==> flow/design.v <==
module dp_sel_unit_stage #(
    parameter WIDTH = 3
) (
    input  logic clk_i,
    input  logic [WIDTH-1:0] ch0,
    input  logic [WIDTH-1:0] ch1,
    input  logic [WIDTH-1:0] ch2,
    input  logic [WIDTH-1:0] ch3,
    input  logic [WIDTH-1:0] ch4,
    input  logic [2:0] choose,
    output logic [WIDTH-1:0] q
);
    logic [WIDTH-1:0] ch0_s;
    logic [WIDTH-1:0] ch1_s;
    logic [WIDTH-1:0] ch2_s;
    logic [WIDTH-1:0] ch3_s;
    logic [WIDTH-1:0] ch4_s;
    logic [2:0] choose_s;
    always_ff @(posedge clk_i) begin
        ch0_s <= ch0;
        ch1_s <= ch1;
        ch2_s <= ch2;
        ch3_s <= ch3;
        ch4_s <= ch4;
        choose_s <= choose;
    end
    logic [WIDTH-1:0] work;
    assign work =
        (choose_s == 3'd0) ? ch0_s :
        (choose_s == 3'd1) ? ch1_s :
        (choose_s == 3'd2) ? ch2_s :
        (choose_s == 3'd3) ? ch3_s :
        ch4_s;
    logic [WIDTH-1:0] q_s;
    always_ff @(posedge clk_i) begin
        q_s <= work;
    end
    assign q = q_s;
endmodule
[Tool chain data of dp_sel_unit_stage]
Tool output for the design above, in the order of the flow.
Lines are those of the file above, counted from 1.
Operators carry their Yosys type and port widths (W data, S select, Z words).
Cell names lack the library's common part.
Not given: --
Inputs
  design top: dp_sel_unit_stage
  clock input: clk_i
  standard-cell library: sky130hd
  corner: tt_025C_1v80

[Elaborated design]
Counts by Yosys on the flattened word-level netlist (proc, flatten, opt, wreduce; memories kept). Register bits leave out memories and registers merged into their read ports (data or address); mux counts leave out enables and synchronous resets folded into registers. Print and check cells are left out. Cells with the same type and inputs are merged into one.
Word-level totals
  register bits after elaboration: 21
  bits in latches: 0
  memory bits (writable): 0
  memory bits (read-only): 0
  word width x clocked read ports: 0
  memories: 0
  input port bits: 19
  cells after elaboration: 15
Operators by class
  $add $sub $neg: 0
  $mul: 0
  div/mod/pow operators: 0
  order comparisons: 0
  eq/ne operators: 3
  shift operators: 0
  muxes and demuxes: 4
  bitwise logic cells: 0
  reductions and logical operators: 1
Operator list (number)
  $mux W3: 4
  $eq A3 B2 Y1 const B: 2
  $eq A3 B1 Y1 const B: 1
  $logic_not A3 Y1: 1

[Logic depth]
Longest topological path by Yosys (ltp), each cell counted once; first at word level (registers and memories cut), then after technology mapping (sequential cells cut; the memories' decode and read muxes count).
Depth
  depth after elaboration: 5
  ABC_AREA: 0
  mapped depth: 4

[Mapped cells and area]
The flow's flattened synthesis, as Yosys stat reports it; memories are mapped. The netlist is that of the ABC_AREA named above (0 if unset); the other value can give another one.
The area totals of this step are shown rounded.
Cells by type (number)
  dfxtp_1: 21
  mux2_4: 3
  mux2i_1: 3
  a21oi_1: 3
  o22ai_1: 2
  o22ai_2: 1
  buf_6: 1
  or2b_2: 1
  inv_1: 1
  nor2_1: 1
Synthesis totals
  cells in the netlist: 37
  synthesis area: 0.00056 mm2
  sequential area: 0.00042 mm2
  flip-flop cells: 21
  buffers: 1

[Path before layout]
Path of least setup slack by OpenSTA after synthesis, without wires, with an ideal clock, recovery checks aside; 20% of the period is set as input and as output delay. Where synthesis merged equal registers, the netlist keeps one of their names.
Path post-synthesis
  kind: reg-to-reg
  from: register (no name shown)
  to: register q_s[1]
  clock period: 1.23 ns
  setup time: 0.123 ns
  arrival time: 0.865 ns
  required time: 1.107 ns
  slack: 0.242 ns
  path delay: 0.988 ns
  driving pins on the path: 5
  period reached after synthesis: 0.988 ns
"path delay" = arrival - input delay + setup time.
"driving pins on the path" counts driving pins, that of a launching flip-flop among them; a cell with two outputs on the path counts twice.
"period reached after synthesis" = period - worst setup slack (recovery checks aside). The figure is calculated, with input and output delays left at 20% of the set period.
The rows between start and end are the longest chain of elaborated cells between them; the timing report does not say that the signal goes this way. Where chains are equally long, one stands for them.
Each line given opens the expression or statement behind the cell; cells for indexed reads and writes are added by Yosys, which also makes memories of some case tables.
Between the ends, post-synthesis
  path through: dfxtp_1 buf_6 mux2_4 o22ai_2 a21oi_1
  cells in the longest elaborated chain: 5
RTL lines, path post-synthesis
  start: declaration: line 18
  start: assignment: line 25
  $eq A3 B2 Y1: line 32
  $mux W3: line 32
  $mux W3: line 31
  $mux W3: line 30
  $mux W3: line 29
  end: assignment: line 36  | q_s <= work;
  end: declaration: line 34  | logic [WIDTH-1:0] q_s;

[Worst path after layout]
Path of least setup slack in the final report of flow run 1 (OpenROAD, finished layout, wires in). Where an end is a register, its clock arrival counts in the times.
Path after layout
  kind: reg-to-output
  from: register q_s[2]
  to: output q[2]
  clock period: 1.23 ns
  output delay: 0.25 ns
  arrival time: 0.87 ns
  required time: 0.98 ns
  slack: 0.11 ns
  driving pins on the path: 2
Between the ends, after layout
  path through: dfxtp_1 dlygate4sd2_1
  cells in the longest elaborated chain: 0
RTL lines, path after layout
  start: declaration: line 34  | logic [WIDTH-1:0] q_s;
  start: assignment: line 36  | q_s <= work;
  end: declaration: line 11  | output logic [WIDTH-1:0] q

## Implementation results

Settings and measured results of 3 stored flow runs for module dp_sel_unit_stage (sky130hd), not sorted in any way. The constraints put input and output delay at 20% of the set period each and load the outputs with 0.01 pF.
"achieved clock period" means the clock period less the worst setup slack. The figure is calculated, with input and output delays left at 20% of the set period.
"worst setup path time" means the part of the period allowed to the worst setup path (the constraints hold back 20% at inputs and 20% at outputs) less its slack; where the path has registers, the arrival times of their clocks count too.
"power" is the tool's figure for a default switching activity; nothing was simulated.
Values from the reports are rounded here.
[flow run 1] settings: period_ns=1.23, CAP_MARGIN=20, CORE_MARGIN=2, CORE_UTILIZATION=40, SLEW_MARGIN=20
[flow run 1] result: chip area after synthesis (Yosys) 0.00056 mm2, die area 0.0017 mm2, standard-cell area of the final layout 0.00081 mm2, utilization 62%, worst setup slack after layout 0.11 ns, total negative slack 0.000 ns, worst hold slack 0.38 ns, power 0.0012 W, achieved clock period 1.120 ns, worst setup path time 0.87 ns, worst setup path kind reg-to-output
[flow run 2] settings: period_ns=1.87, CORE_UTILIZATION=40, PLACE_DENSITY_LB_ADDON=0.09, HOLD_SLACK_MARGIN=0.12, ABC_AREA=0, GPL_TIMING_DRIVEN=0, GPL_ROUTABILITY_DRIVEN=0, CTS_CLUSTER_SIZE=88, MAX_ROUTING_LAYER=met5, CAP_MARGIN=20, CORE_MARGIN=2, SLEW_MARGIN=20
[flow run 2] result: chip area after synthesis (Yosys) 0.00056 mm2, die area 0.0017 mm2, standard-cell area of the final layout 0.00082 mm2, utilization 63%, worst setup slack after layout 0.34 ns, total negative slack 0.000 ns, worst hold slack 0.50 ns, power 0.00078 W, achieved clock period 1.533 ns, worst setup path time 1.16 ns, worst setup path kind reg-to-output
[flow run 3] settings: period_ns=1.15, CORE_UTILIZATION=38, SETUP_SLACK_MARGIN=0.05, PLACE_DENSITY_LB_ADDON=0.28, CELL_PAD_IN_SITES_GLOBAL_PLACEMENT=0, CAP_MARGIN=0, CORE_MARGIN=2, SLEW_MARGIN=20
[flow run 3] result: chip area after synthesis (Yosys) 0.00056 mm2, die area 0.0018 mm2, standard-cell area of the final layout 0.0008 mm2, utilization 59%, worst setup slack after layout 0.16 ns, total negative slack 0.000 ns, worst hold slack 0.37 ns, power 0.0012 W, achieved clock period 0.987 ns, worst setup path time 0.99 ns, worst setup path kind reg-to-reg
